==> flow/design.v <==
module core_summer_mod #(
   parameter integer DWIDTH = 12,
   parameter integer LANES = 3,
   parameter integer OUT_W = DWIDTH + $clog2(LANES)
) (
   input wire ck,
   input wire RST,
   input wire adv,
   input wire [LANES*DWIDTH-1:0] bus,
   output reg [OUT_W-1:0] s
);
   reg [OUT_W-1:0] val;
   integer t;
   always @(*) begin
      val = 0;
      for (t = 0; t < LANES; t = t + 1)
         val = val + bus[t*DWIDTH +: DWIDTH];
   end
   always @(posedge ck) begin
      if (RST) begin
         s <= 0;
      end else if (adv) begin
         s <= val;
      end
   end
endmodule
======== Reports on core_summer_mod ========
The steps from the RTL of core_summer_mod to its reports follow in flow order.
Lines are those of the file above, counted from 1.
Operators carry their Yosys type and port widths (W data, S select, Z words).
Library cell names are shortened.
The mark n/a stands for no value.
design
  top ..................................... core_summer_mod
  clock port .............................. ck
  standard-cell library ................... sky130hd
  corner .................................. tt_025C_1v80

======== Word level ========
Counts by Yosys on the flattened word-level netlist (proc, flatten, opt, wreduce; memories kept). Register bits leave out memories and registers merged into their read ports (data or address); mux counts leave out enables and synchronous resets folded into registers. Print and check cells are left out. Cells with the same type and inputs are merged into one.
operators by class
  add/sub/neg operators ................... 2
operators by type and width
  cell              number
  $add A13 B12 Y14  1
  $add A12 B12 Y13  1
bit counts
  register bits after elaboration ......... 14

======== Depth ========
Depth = most cells in a row (Yosys ltp): at word level without a register or memory, in the mapped netlist without a sequential cell, where the memories' decode and read muxes count.
logic depth
  word-level depth ........................ 2
  ABC_AREA ................................ 0
  gate-level depth with buffers ........... 11
  mapped depth without buffers ............ 11

======== Mapped cells and area ========
Source: synth_stat.txt of the flow (Yosys; design flattened, memories mapped). It holds for the ABC_AREA given above (unset counts as 0); a run with the other value may have another netlist.
cell types
  cell type  number
  dfxtp_1    14
  fa_1       13
  ha_1       11
  nor2_1     18
  a21oi_1    12
  mux2i_1    6
  xnor2_1    6
  clkbuf_8   3
  inv_1      11
  a211oi_1   4
  a211oi_2   2
  and3_1     4
  o21ai_0    5
  nand2_1    6
  a211o_1    2
  a21oi_2    2
  a2111oi_2  1
  a21o_1     2
Not listed: further types 13, cells in them 18.
mapped netlist
  mapped cells ............................ 140
  cell area after synthesis ............... 1,316.3 µm²
  area of sequential cells ................ 280.3 µm²
  flip-flop cells ......................... 14
  buffers ................................. 4

======== Path before layout ========
Source: OpenSTA report_checks on the synthesized netlist (no wires, ideal clock, input and output delay 20% of the period each), path of least setup slack; recovery checks are left aside. Register names are those of the netlist, which keeps one name where synthesis merged equal registers.
timing after synthesis
  path kind ............................... input to register
  start point ............................. input bus[1]
  end point ............................... register s[13]
  clock period ............................ 3.47 ns
  input delay ............................. 0.694 ns
  library setup time ...................... 0.125 ns
  time at the first pin ................... 0.694 ns
  data arrival time ....................... 2.790 ns
  data required time ...................... 3.345 ns
  slack ................................... 0.555 ns
  path delay .............................. 2.221 ns
  stages on the path ...................... 9
  buffers on the path ..................... 0
  period reached after synthesis .......... 2.915 ns
"path delay" is the arrival time less input delay plus setup time.
"stages on the path": output pins that drive a net of the path, with the launching flip-flop's if there is one; two outputs of one cell count as two.
"period reached after synthesis" is the clock period less the worst setup slack; recovery checks do not enter. This is arithmetic on one report: input and output delays are still those of the set period (20% each).
Between the ends stands the longest chain of elaborated cells between them, by number of cells; it is not shown to be the way that was timed. Of several equally long chains one is given.
Each line given opens the expression or statement behind the cell; cells for indexed reads and writes are added by Yosys, which also makes memories of some case tables.
on the way, after synthesis
  path through ............................ fa_1 -> ha_1 -> fa_1 -> a211oi_2 -> o21ai_1 -> a21oi_2 -> a21oi_2 -> a2111oi_2 -> nor3_1
  cells in the longest elaborated chain ... 2
  elaborated cells between the ends (all ways) .. 2
ends and longest elaborated chain, after synthesis
  element           line  source
  from (decl)       9     input wire [LANES*DWIDTH-1:0] bus,
  $add A12 B12 Y13  17    val = val + bus[t*DWIDTH +: DWIDTH];
  $add A13 B12 Y14  17
  to (assign)       21    s <= 0;
  to (assign)       23    s <= val;
  to (decl)         10    output reg [OUT_W-1:0] s

======== Timing after layout ========
Path of least setup slack in the final report of entry A (OpenROAD, finished layout, wires in). Where an end is a register, its clock arrival counts in the times.
timing post-layout
  path kind ............................... input to register
  start point ............................. input bus[1]
  end point ............................... register s[13]
  clock period ............................ 5.36 ns
  input delay ............................. 1.07 ns
  library setup time ...................... 0.14 ns
  time at the first pin ................... 1.07 ns
  data arrival time ....................... 3.77 ns
  data required time ...................... 5.46 ns
  slack ................................... 1.69 ns
  stages on the path ...................... 10
  buffers on the path ..................... 1
Between the ends stands the longest chain of elaborated cells between them, by number of cells; it is not shown to be the way that was timed. Of several equally long chains one is given.
on the way, post-layout
  path through ............................ clkdlybuf4s50_1 -> fa_1 -> ha_1 -> fa_1 -> a211oi_2 -> o21ai_1 -> a21oi_2 -> a21oi_2 -> a2111oi_2 -> nor3_1
  cells in the longest elaborated chain ... 2
  elaborated cells between the ends (all ways) .. 2
ends and longest elaborated chain, post-layout
  element           line  source
  from (decl)       9     input wire [LANES*DWIDTH-1:0] bus,
  $add A12 B12 Y13  17    val = val + bus[t*DWIDTH +: DWIDTH];
  $add A13 B12 Y14  17
  to (assign)       21    s <= 0;
  to (assign)       23    s <= val;
  to (decl)         10    output reg [OUT_W-1:0] s

Module core_summer_mod, platform sky130hd: 3 stored runs of the flow (Yosys, OpenROAD) with differing settings, in no particular order. Input and output delays are each 20% of the period that was set; the output load is 0.01 pF.
"time used up by the worst setup path" = time allowed to the worst setup path (clock period - input delay - output delay, where it has them) - its slack; a late launch clock adds to it, a late capture clock takes from it.

---- entry A ----
settings
  period_ns = 5.36
  CORE_UTILIZATION = 34
  SETUP_SLACK_MARGIN = 0.53
  CORE_MARGIN = 9
  CELL_PAD_IN_SITES_GLOBAL_PLACEMENT = 3
  ABC_AREA = 0
  CTS_CLUSTER_SIZE = 62
  SLEW_MARGIN = 15
  MIN_ROUTING_LAYER = met2
  CAP_MARGIN = 20
results
  netlist area reported by Yosys .......... 1,316.3 µm²
  area inside the die boundary ............ 6,435.2 µm²
  standard-cell area after routing ........ 1,899.3 µm²
  utilization after layout ................ 0.515
  smallest setup slack .................... 1.692 ns
  time used up by the worst setup path .... 2.60 ns
  kind of the worst setup path ............ input to register

---- entry B ----
settings
  period_ns = 2.67
  CORE_UTILIZATION = 56
  SETUP_SLACK_MARGIN = -0.08
  PLACE_DENSITY = 0.69
  CORE_MARGIN = 2
  SLEW_MARGIN = 30
  MAX_ROUTING_LAYER = met4
  CAP_MARGIN = 20
results
  netlist area reported by Yosys .......... 1,316.3 µm²
  area inside the die boundary ............ 2,754.2 µm²
  standard-cell area after routing ........ 2,070.7 µm²
  utilization after layout ................ 0.936
  smallest setup slack .................... -0.105 ns
  time used up by the worst setup path .... 2.24 ns
  kind of the worst setup path ............ input to register

---- entry C ----
settings
  period_ns = 3.47
  CAP_MARGIN = 20
  CORE_MARGIN = 2
  CORE_UTILIZATION = 40
  SLEW_MARGIN = 20
results
  netlist area reported by Yosys .......... 1,316.3 µm²
  area inside the die boundary ............ 3,765.7 µm²
  standard-cell area after routing ........ 1,898.1 µm²
  utilization after layout ................ 0.612
  smallest setup slack .................... 0.366 ns
  time used up by the worst setup path .... 2.41 ns
  kind of the worst setup path ............ input to register
